==> flow/design.v <==
module core_comparator_blk #(
  parameter NBITS = 64
) (
  input  logic clk,
  input  logic [NBITS-1:0] in_op_a,
  input  logic [NBITS-1:0] in_op_b,
  output logic out_a_eq_b
);
  logic [NBITS-1:0] op_a_ff;
  logic [NBITS-1:0] op_b_ff;
  always_ff @(posedge clk) begin
    op_a_ff <= in_op_a;
    op_b_ff <= in_op_b;
  end
  logic [NBITS-1:0] val;
  assign val = op_a_ff ^ op_b_ff;
  assign out_a_eq_b = ~|val;
endmodule
Reports on core_comparator_blk
The steps from the RTL of core_comparator_blk to its reports follow in flow order.
Line numbers count from 1 in the design file above.
Library cell names are shortened.
A cell with -- has no value.
- top: core_comparator_blk
- clock input: clk
- standard-cell library: sky130hd
- corner: tt_025C_1v80

Word level
Yosys after proc, flatten, opt, wreduce and memory -nomap, before mapping. Enables and synchronous resets that opt folds into registers are not counted as muxes. Memory bits, and registers merged into a memory's read port (data or address), are not among the register bits. Print and check cells are not counted. Equal cells are merged and count once.
- flip-flop bits (word level) at 128
- latch bits: 0
- RAM bits at 0
- ROM bits at 0
- clocked read ports x word width: 0
- noted memory cells: 0
- input port bits: 129
- output and inout port bits: 1
- word-level cells: 5
- $add $sub $neg: 0
- multiply operators: 0
- div/mod/pow operators: 0
- magnitude comparators: 0
- noted eq/ne operators: 0
- shifts and indexed selects: 0
- noted muxes and demuxes: 0
- bitwise operators at 1
- reductions and logical operators: 2
- operators by type and width (operator ; count):
    64-bit XOR ; 1
    64-bit OR reduction ; 1
    1-bit logical NOT ; 1

Logic depth
Longest topological path by Yosys (ltp), each cell counted once; first at word level (registers and memories cut), then after technology mapping (sequential cells cut; the memories' decode and read muxes count).
- noted depth after elaboration: 3
- noted ABC_AREA: 0
- noted mapped depth: 4
- depth with buffers taken out at 4

Mapped cells and area
Source: synth_stat.txt of the flow (Yosys; design flattened, memories mapped). It holds for the ABC_AREA given above (unset counts as 0); a run with the other value may have another netlist.
- cells in the netlist at 213
- mapped area: 3260.6 um^2
- sequential part of the area at 2562.5 um^2
- flip-flop cells at 128
- buffers: 0
- cells by type (cell type ; count ; area in all (um^2)):
    dfxtp_1 ; 128 ; 2.56E+03
    xor2_1 ; 64 ; 560.538
    nor4_1 ; 16 ; 100.096
    nand4_1 ; 4 ; 25.024
    nor4_2 ; 1 ; 12.512

Timing after synthesis
Source: OpenSTA report_checks on the synthesized netlist (no wires, ideal clock, input and output delay 20% of the period each), path of least setup slack; recovery checks are left aside. Register names are those of the netlist, which keeps one name where synthesis merged equal registers.
- path type: register to output
- start point: reg op_b_ff[10]
- end point: out out_a_eq_b
- clock period: 1.86 ns
- noted external output delay: 0.372 ns
- noted time at the first pin: 0.000 ns
- arrival: 1.191 ns
- noted data required time: 1.488 ns
- noted slack: 0.297 ns
- noted path delay: 1.191 ns
- driving pins on the path: 5
- buffers on the path at 0
- noted period reached after synthesis: 1.563 ns
"path delay" is the arrival time less input delay plus setup time.
A path that ends at an output port has no setup time.
"driving pins on the path": output pins that drive a net of the path, with the launching flip-flop's if there is one; two outputs of one cell count as two.
"period reached after synthesis" = period - worst setup slack (recovery checks aside). The figure is calculated, with input and output delays left at 20% of the set period.
Between the ends stands the longest chain of elaborated cells between them, by number of cells; it is not shown to be the way that was timed. Of several equally long chains one is given.
A line is the first line of the expression or statement that the cell stems from. Yosys adds cells for indexed reads and writes and turns some case tables into memories.
- cells stage by stage: dfxtp_1 -> xor2_1 -> nor4_1 -> nand4_1 -> nor4_2
- length of the longest elaborated chain at 3
- noted elaborated cells between the ends (all ways): 3
- source lines of those cells: 2
- classes of those cells: logic (1); reduce/logical (2)
- RTL lines, path post-synthesis (element ; line ; text):
    start, declared ; 10 ; logic [NBITS-1:0] op_b_ff;
    start, assigned ; 13 ; op_b_ff <= in_op_b;
    64-bit XOR ; 16 ; assign val = op_a_ff ^ op_b_ff;
    64-bit OR reduction ; 17 ; assign out_a_eq_b = ~|val;
    1-bit logical NOT ; 17 ;
    end, declared ; 7 ; output logic out_a_eq_b

Worst path after layout
Path of least setup slack in the final report of flow run A (OpenROAD, finished layout, wires in). Where an end is a register, its clock arrival counts in the times.
- path type: register to output
- start point: reg op_b_ff[9]
- end point: out out_a_eq_b
- clock period: 2.23 ns
- noted external output delay: 0.45 ns
- noted time at the first pin: 0.50 ns
- arrival: 1.88 ns
- noted data required time: 1.78 ns
- noted slack: -0.10 ns
- driving pins on the path: 6
- buffers on the path at 1
Between the ends stands the longest chain of elaborated cells between them, by number of cells; it is not shown to be the way that was timed. Of several equally long chains one is given.
- cells stage by stage: dfxtp_1 -> xor2_1 -> nor4_2 -> nand4_1 -> nor4_2 -> buf_2
- length of the longest elaborated chain at 3
- noted elaborated cells between the ends (all ways): 3
- source lines of those cells: 2
- classes of those cells: logic (1); reduce/logical (2)
- RTL lines, path after layout (element ; line ; text):
    start, declared ; 10 ; logic [NBITS-1:0] op_b_ff;
    start, assigned ; 13 ; op_b_ff <= in_op_b;
    64-bit XOR ; 16 ; assign val = op_a_ff ^ op_b_ff;
    64-bit OR reduction ; 17 ; assign out_a_eq_b = ~|val;
    1-bit logical NOT ; 17 ;
    end, declared ; 7 ; output logic out_a_eq_b

FLOW RESULTS
============

Stored flow runs of core_comparator_blk (2 of them; Yosys, OpenROAD, sky130hd). They differ in their settings and are not a sequence. Constraints: input delay and output delay 20% of the set period each, output load 0.01 pF.
"power consumption" is the tool's figure for a default switching activity; nothing was simulated.

Flow run A
Settings were period_ns = 2.23; CORE_UTILIZATION = 48; PLACE_DENSITY_LB_ADDON = 0.06; HOLD_SLACK_MARGIN = 0.08; CELL_PAD_IN_SITES_DETAIL_PLACEMENT = 0; TNS_END_PERCENT = 70; GPL_TIMING_DRIVEN = 0; GPL_ROUTABILITY_DRIVEN = 1; CAP_MARGIN = 35; MIN_ROUTING_LAYER = met2; CORE_MARGIN = 2; SLEW_MARGIN = 20
- synthesized cell area: 3260.6 um^2
- die area: 7468.4 um^2
- utilization after layout: 78.4 %
- noted the lowest setup slack: -0.100 ns
- sum of negative setup slack at -0.100 ns
- power consumption at 5.173 mW

Flow run B
Settings were period_ns = 1.86; CAP_MARGIN = 20; CORE_MARGIN = 2; CORE_UTILIZATION = 40; SLEW_MARGIN = 20
- synthesized cell area: 3260.6 um^2
- die area: 8889.7 um^2
- utilization after layout: 68.4 %
- noted the lowest setup slack: -0.507 ns
- sum of negative setup slack at -0.507 ns
- power consumption at 6.753 mW
